==> flow/design.v <==
module u_adder_stage #(
    parameter BITS = 8,
    parameter G = 8
) (
    input  wire clock,
    input  wire i_rst,
    input  wire [BITS-1:0] din,
    input  wire load,
    output wire [BITS+G-1:0] q
);
    reg [BITS+G-1:0] accum;
    always @(posedge clock or posedge i_rst) begin
        if (i_rst) begin
            accum <= 0;
        end else begin
            accum <= load ? 0 : accum + din;
        end
    end
    assign q = accum;
endmodule
# Reports on u_adder_stage
# What the tools print for u_adder_stage, step after step.
# Lines are those of the file above, counted from 1.
# Operators: Yosys type, input widths -> output width; for muxes data width and select width s.
# Cell names lack the library's common part.
# Not given: --
# setup
design	u_adder_stage
clock	clock
library	sky130hd
lib_corner	tt_025C_1v80

# Word-level counts
# Counts by Yosys on the flattened word-level netlist (proc, flatten, opt, wreduce; memories kept). Register bits leave out memories and registers merged into their read ports (data or address); mux counts leave out enables and synchronous resets folded into registers. Print and check cells are left out. Cells with the same type and inputs are merged into one.
# bits
register_bits	16
latch_bits	0
mem_bits_rw	0
romBits	0
clocked_rd_ports_x_width	0
n_memories	0
inputBits	11
out_inout_bits	16
word_cells	3
# op_classes
add_sub_neg	1
mul	0
div	0
n_cmp	0
n_eq	0
shift	0
muxes	1
n_logic	0
n_reduce_logical	0
# ops
cell	n
$add 16x8->16	1
$mux 16	1

# Longest topological paths
# Depth = most cells in a row (Yosys ltp): at word level without a register or memory, in the mapped netlist without a sequential cell, where the memories' decode and read muxes count.
# depth
ltp_word	2
ABC_AREA	0
ltp_mapped	8
ltp_nobuf	8

# Netlist
# The flow's flattened synthesis, as Yosys stat reports it; memories are mapped. The netlist is that of the ABC_AREA named above (0 if unset); the other value can give another one.
# types
cell	n	type_area_um2
dfrtp_1	16	400.384
ha_1	8	100.096
a21oi_1	11	55.053
nor2_1	13	48.797
xor2_1	5	43.792
nand3_1	6	30.029
inv_1	7	26.275
nor2b_1	4	25.024
a21o_1	3	22.522
mux2_1	2	22.522
fa_1	1	20.019
o21ai_0	4	20.019
nand2_1	5	18.768
xnor2_1	2	17.517
mux2_4	1	15.014
a211oi_2	1	12.512
or3_1	2	12.512
a31o_1	1	8.758
# Not listed: further types 14, cells in them 15.
# mapped
mapped_cells	107
mapped_area_um2	997.2
seq_area_um2	400.4
ffs	16
buffers	2

# Timing after synthesis
# OpenSTA on the mapped netlist: ideal clock, no wires. The path of least setup slack (recovery checks aside). Input and output delay are each 20% of the period. Register names are those of the netlist, which keeps one name where synthesis merged equal registers.
# synth_timing
path_type	input port to flip-flop
start	input port din[0]
end	register accum[14]
tclk_ns	2.48
input_delay_ns	0.496
setup_ns	0.125
launch_ns	0.496
arrival_ns	1.957
required_time_ns	2.355
slack_ns	0.398
path_delay_ns	1.586
path_stages	8
path_buffers	0
period_less_setup_slack_ns	2.082
# "path_delay_ns" is the arrival time less input delay plus setup time.
# "path_stages" counts driving pins, that of a launching flip-flop among them; a cell with two outputs on the path counts twice.
# "period_less_setup_slack_ns" is the clock period less the worst setup slack; recovery checks do not enter. This is arithmetic on one report: input and output delays are still those of the set period (20% each).
# The rows between start and end are the longest chain of elaborated cells between them; the timing report does not say that the signal goes this way. Where chains are equally long, one stands for them.
# A line is the first line of the expression or statement that the cell stems from. Yosys adds cells for indexed reads and writes and turns some case tables into memories.
# synth_between
path_cell_list	ha_1 > inv_1 > fa_1 > nand2b_1 > a21oi_1 > or2_1 > a31o_1 > mux2_4
elab_chain_len	2
cells_between	2
cone_lines	1
cone_classes	add/sub (1); mux (1)
# synth_rtl
item	line_no	text
from (decl)	7	input  wire [BITS-1:0] din,
$add 16x8->16	16	accum <= load ? 0 : accum + din;
$mux 16	16
to (assign)	14	accum <= 0;
to (assign)	16
to (decl)	11	reg [BITS+G-1:0] accum;

# Path in the finished layout
# From the final timing report of stored run 2: the path of least setup slack in the routed layout; clock arrival at registers is part of the times.
# layout_timing
path_type	input port to flip-flop
start	input port din[0]
end	register accum[12]
tclk_ns	2.48
input_delay_ns	0.50
setup_ns	0.11
launch_ns	0.50
arrival_ns	2.53
required_time_ns	2.65
slack_ns	0.12
path_stages	9
path_buffers	1
# The rows between start and end are the longest chain of elaborated cells between them; the timing report does not say that the signal goes this way. Where chains are equally long, one stands for them.
# layout_between
path_cell_list	clkdlybuf4s50_1 > ha_1 > inv_1 > fa_1 > nand2b_1 > a21oi_2 > o21ai_1 > a21boi_1 > mux2_1
elab_chain_len	2
cells_between	2
cone_lines	1
cone_classes	add/sub (1); mux (1)
# layout_rtl
item	line_no	text
from (decl)	7	input  wire [BITS-1:0] din,
$add 16x8->16	16	accum <= load ? 0 : accum + din;
$mux 16	16
to (assign)	14	accum <= 0;
to (assign)	16
to (decl)	11	reg [BITS+G-1:0] accum;

3 stored runs of u_adder_stage in the flow (synthesis by Yosys, layout by OpenROAD, sky130hd cells), in arbitrary order. Constraints: input delay and output delay 20% of the set period each, output load 0.01 pF.
"period_reached_ns" means the clock period less the worst setup slack. The figure is calculated, with input and output delays left at 20% of the set period.
"critical_path_time_ns": the worst setup path's part of the clock period (all of it between registers, 20% less for each end at a port) less its slack. A launch clock that arrives late makes it longer, a capture clock that arrives late makes it shorter.
"power_uw" rests on the timing tool's default activity at the inputs, not on a simulated workload.

Stored run 1, flow files:
==> flow/run.sh <==
#!/bin/bash
# the make line also repeats the synthesis and layout settings of config.mk as NAME=value (left out here)
make -C /OpenROAD-flow-scripts/flow DESIGN_CONFIG=/design/flow/config.mk WORK_HOME=/design/flow/orfs CLKGATE_MAP_FILE= finish
==> flow/config.mk <==
export PLATFORM = sky130hd
export DESIGN_NAME = u_adder_stage
export DESIGN_NICKNAME = u_adder_stage
export VERILOG_FILES = /design/flow/design.v
export SDC_FILE = /design/flow/constraint.sdc
export NUM_CORES = 4
export LEC_CHECK = 0
export ABC_AREA = 1
export CAP_MARGIN = 20
export CELL_PAD_IN_SITES_DETAIL_PLACEMENT = 1
export CELL_PAD_IN_SITES_GLOBAL_PLACEMENT = 2
export CORE_MARGIN = 2
export CORE_UTILIZATION = 45
export PLACE_DENSITY_LB_ADDON = 0.08
export SETUP_SLACK_MARGIN = 0.17
export SLEW_MARGIN = 10
==> flow/constraint.sdc <==
create_clock -name core_clock -period 3.62 [get_ports {clock}]
set_input_delay 0.7240 -clock core_clock [delete_from_list [all_inputs] [get_ports {clock}]]
set_output_delay 0.7240 -clock core_clock [all_outputs]
set_load 0.01 [all_outputs]

Stored run 1: unfinished; error FLW-0024 in placement

Stored run 2, flow files:
==> flow/run.sh <==
#!/bin/bash
# the make line also repeats the synthesis and layout settings of config.mk as NAME=value (left out here)
make -C /OpenROAD-flow-scripts/flow DESIGN_CONFIG=/design/flow/config.mk WORK_HOME=/design/flow/orfs CLKGATE_MAP_FILE= finish
==> flow/config.mk <==
export PLATFORM = sky130hd
export DESIGN_NAME = u_adder_stage
export DESIGN_NICKNAME = u_adder_stage
export VERILOG_FILES = /design/flow/design.v
export SDC_FILE = /design/flow/constraint.sdc
export NUM_CORES = 4
export LEC_CHECK = 0
export CAP_MARGIN = 20
export CORE_MARGIN = 2
export CORE_UTILIZATION = 40
export SLEW_MARGIN = 20
==> flow/constraint.sdc <==
create_clock -name core_clock -period 2.48 [get_ports {clock}]
set_input_delay 0.4960 -clock core_clock [delete_from_list [all_inputs] [get_ports {clock}]]
set_output_delay 0.4960 -clock core_clock [all_outputs]
set_load 0.01 [all_outputs]

==> results of stored run 2, as CSV <==
result,value
synth_area_um2,997.2
critical_path_time_ns,1.86
critical_path_kind,"input port to flip-flop"
period_reached_ns,2.358
post_route_util_pct,57.0
design.die.area_um2,2908.4
power_uw,1059
setup_worst_slack_ns,0.122
final_cell_area_um2,1373.8
tns_setup_ns,0.000

Stored run 3, flow files:
==> flow/run.sh <==
#!/bin/bash
# the make line also repeats the synthesis and layout settings of config.mk as NAME=value (left out here)
make -C /OpenROAD-flow-scripts/flow DESIGN_CONFIG=/design/flow/config.mk WORK_HOME=/design/flow/orfs CLKGATE_MAP_FILE= finish
==> flow/config.mk <==
export PLATFORM = sky130hd
export DESIGN_NAME = u_adder_stage
export DESIGN_NICKNAME = u_adder_stage
export VERILOG_FILES = /design/flow/design.v
export SDC_FILE = /design/flow/constraint.sdc
export NUM_CORES = 4
export LEC_CHECK = 0
export CAP_MARGIN = 20
export CORE_ASPECT_RATIO = 0.66
export CORE_MARGIN = 4
export CORE_UTILIZATION = 65
export GPL_ROUTABILITY_DRIVEN = 1
export GPL_TIMING_DRIVEN = 0
export PLACE_DENSITY_LB_ADDON = 0.19
export SLEW_MARGIN = 20
==> flow/constraint.sdc <==
create_clock -name core_clock -period 1.46 [get_ports {clock}]
set_input_delay 0.2920 -clock core_clock [delete_from_list [all_inputs] [get_ports {clock}]]
set_output_delay 0.2920 -clock core_clock [all_outputs]
set_load 0.01 [all_outputs]

Stored run 3: unfinished; error FLW-0024 in placement
